==> flow/design.v <==
module plus_mod #(
  parameter W = 8
) (
  input  sys_clk,
  input  aresetn,
  input  [W-1:0] lhs_in,
  input  [W-1:0] rhs_in,
  output [W:0] sum_out
);
  reg [W-1:0] r_lhs;
  reg [W-1:0] r_rhs;
  always @(posedge sys_clk or negedge aresetn) begin
    if (~aresetn) begin
      r_lhs <= 0;
      r_rhs <= 0;
    end else begin
      r_lhs <= lhs_in;
      r_rhs <= rhs_in;
    end
  end
  assign sum_out = r_lhs + r_rhs;
endmodule
Tool chain data of plus_mod
What the tools print for plus_mod, step after step.
Lines are those of the file above, counted from 1.
Operators carry their Yosys type and port widths (W data, S select, Z words).
Cell names lack the library's common part.
Not given: --

set-up
  design top = plus_mod
  clock port = sys_clk
  library = sky130hd
  library corner = tt_025C_1v80

Elaborated design
Yosys after proc, flatten, opt, wreduce and memory -nomap, before mapping. Enables and synchronous resets that opt folds into registers are not counted as muxes. Memory bits, and registers merged into a memory's read port (data or address), are not among the register bits. Print and check cells are not counted. Equal cells are merged and count once.

bit counts
  input bits = 18
  cells after elaboration = 3
  register bits after elaboration = 16
  output and inout port bits = 9

cells by class
  $add $sub $neg = 1

operator list
  operator       number
  $add A8 B8 Y9  1

Depth
Longest topological path by Yosys (ltp), each cell counted once; first at word level (registers and memories cut), then after technology mapping (sequential cells cut; the memories' decode and read muxes count).

depth
  word-level depth = 1
  ABC_AREA = 0
  mapped depth = 6
  mapped depth without buffers = 6

After synthesis
Yosys stat after the flow's synthesis: flattened, memories mapped to cells. It holds for the ABC_AREA given above (unset counts as 0); a run with the other value may have another netlist.

mapped netlist
  mapped flip-flops = 16
  sequential part of the area = 400.4 sq um
  cell count = 58
  mapped area = 724.4 sq um
  buffer cells = 0

cell types
  type       number  total area (sq um)
  dfrtp_1    16      400.384
  ha_1       8       100.096
  a21oi_1    5       25.024
  a311o_1    2       20.019
  fa_1       1       20.019
  xnor2_1    2       17.517
  xor2_1     2       17.517
  a21o_1     2       15.014
  nor2b_1    2       12.512
  nand2_1    3       11.261
  mux2i_1    1       10.01
  nand3_1    2       10.01
  nor3_1     2       10.01
  a2111oi_0  1       8.758
  a221oi_1   1       8.758
  inv_1      2       7.507
  nor2_1     2       7.507
  o21bai_1   1       7.507

Not listed: further types 3, cells in them 3.

Timing after synthesis
Path of least setup slack by OpenSTA after synthesis, without wires, with an ideal clock, recovery checks aside; 20% of the period is set as input and as output delay. Where synthesis merged equal registers, the netlist keeps one of their names.

timing after synthesis
  kind = reg-to-output
  from = register r_lhs[0]
  to = output sum_out[6]
  period = 2.32 ns
  output delay = 0.464 ns
  path delay = 1.483 ns
  stages on the path = 7
  arrival time = 1.483 ns
  time at the first pin = 0.000 ns
  buffers on the path = 0
  slack = 0.373 ns
  data required time = 1.856 ns
  synthesis period reached = 1.947 ns

"path delay" is the arrival time less input delay plus setup time.
At an output port there is no setup time.
"stages on the path" counts driving pins, that of a launching flip-flop among them; a cell with two outputs on the path counts twice.
"synthesis period reached" = period - worst setup slack (recovery checks aside). The figure is calculated, with input and output delays left at 20% of the set period.
The rows between start and end are the longest chain of elaborated cells between them; the timing report does not say that the signal goes this way. Where chains are equally long, one stands for them.
Each line given opens the expression or statement behind the cell; cells for indexed reads and writes are added by Yosys, which also makes memories of some case tables.

between the ends, after synthesis
  cells stage by stage = dfrtp_1 ha_1 fa_1 a21oi_1 nor2_1 nor2_1 xnor2_1
  length of the longest elaborated chain = 1
  elaborated cells on any way between the ends = 1
  RTL lines with such cells = 1
  those cells by class = add/sub (1)

RTL lines, path after synthesis
  item             line  RTL
  start, declared  10    reg [W-1:0] r_lhs;
  start, assigned  14    r_lhs <= 0;
  start, assigned  17    r_lhs <= lhs_in;
  $add A8 B8 Y9    21    assign sum_out = r_lhs + r_rhs;
  end, declared    8     output [W:0] sum_out

Worst path after layout
Path of least setup slack in the final report of job 2 (OpenROAD, finished layout, wires in). Where an end is a register, its clock arrival counts in the times.

timing after layout
  kind = reg-to-output
  from = register r_rhs[0]
  to = output sum_out[4]
  arrival time = 1.84 ns
  stages on the path = 8
  period = 2.32 ns
  time at the first pin = 0.28 ns
  output delay = 0.46 ns
  slack = 0.02 ns
  buffers on the path = 2
  data required time = 1.86 ns

The rows between start and end are the longest chain of elaborated cells between them; the timing report does not say that the signal goes this way. Where chains are equally long, one stands for them.

between the ends, after layout
  cells stage by stage = dfrtp_1 ha_2 fa_2 a21oi_2 buf_4 o21bai_1 xor2_1 buf_2
  length of the longest elaborated chain = 1
  elaborated cells on any way between the ends = 1
  RTL lines with such cells = 1
  those cells by class = add/sub (1)

RTL lines, path after layout
  item             line  RTL
  start, declared  11    reg [W-1:0] r_rhs;
  start, assigned  15    r_rhs <= 0;
  start, assigned  18    r_rhs <= rhs_in;
  $add A8 B8 Y9    21    assign sum_out = r_lhs + r_rhs;
  end, declared    8     output [W:0] sum_out

Ticket comment

Top module plus_mod; platform sky130hd; tools Yosys and OpenROAD; 3 stored runs in no particular order. Input and output delays are each 20% of the period that was set; the output load is 0.01 pF.
"achieved clock period (ns)" means the clock period less the worst setup slack. The figure is calculated, with input and output delays left at 20% of the set period.
"worst setup path time (ns)" means the part of the period allowed to the worst setup path (the constraints hold back 20% at inputs and 20% at outputs) less its slack; where the path has registers, the arrival times of their clocks count too.
"finish__power__total" is the tool's figure for a default switching activity; nothing was simulated.

settings of job 1
{
  "period_ns": 2.45,
  "CORE_UTILIZATION": 42,
  "PLACE_DENSITY_LB_ADDON": 0.02,
  "HOLD_SLACK_MARGIN": 0.1,
  "CORE_MARGIN": 2,
  "CELL_PAD_IN_SITES_GLOBAL_PLACEMENT": 3,
  "CELL_PAD_IN_SITES_DETAIL_PLACEMENT": 2,
  "TNS_END_PERCENT": 100,
  "CAP_MARGIN": 30,
  "SLEW_MARGIN": 20,
  "MIN_ROUTING_LAYER": "met2"
}
report of job 1: did not finish, place, FLW-0024

settings of job 2
{
  "period_ns": 2.32,
  "CAP_MARGIN": 20,
  "CORE_MARGIN": 2,
  "CORE_UTILIZATION": 40,
  "SLEW_MARGIN": 20
}
report of job 2
yosys chip area after synthesis (um^2): 724.4
finish__design__die__area: 2167.4
finish__design__instance__utilization: 0.7304
finish__timing__setup__ws: 0.016
finish__timing__setup__tns: 0.000
finish__power__total: 7.066e-04
achieved clock period (ns): 2.304
worst setup path time (ns): 1.84
worst setup path kind: reg-to-output

settings of job 3
{
  "period_ns": 2.26,
  "CORE_UTILIZATION": 61,
  "CORE_ASPECT_RATIO": 0.57,
  "CELL_PAD_IN_SITES_GLOBAL_PLACEMENT": 3,
  "TNS_END_PERCENT": 40,
  "CTS_CLUSTER_SIZE": 52,
  "CTS_CLUSTER_DIAMETER": 158,
  "MIN_ROUTING_LAYER": "met1",
  "CAP_MARGIN": 20,
  "CORE_MARGIN": 2,
  "SLEW_MARGIN": 20
}
report of job 3: did not finish, floorplan, PDN-0185
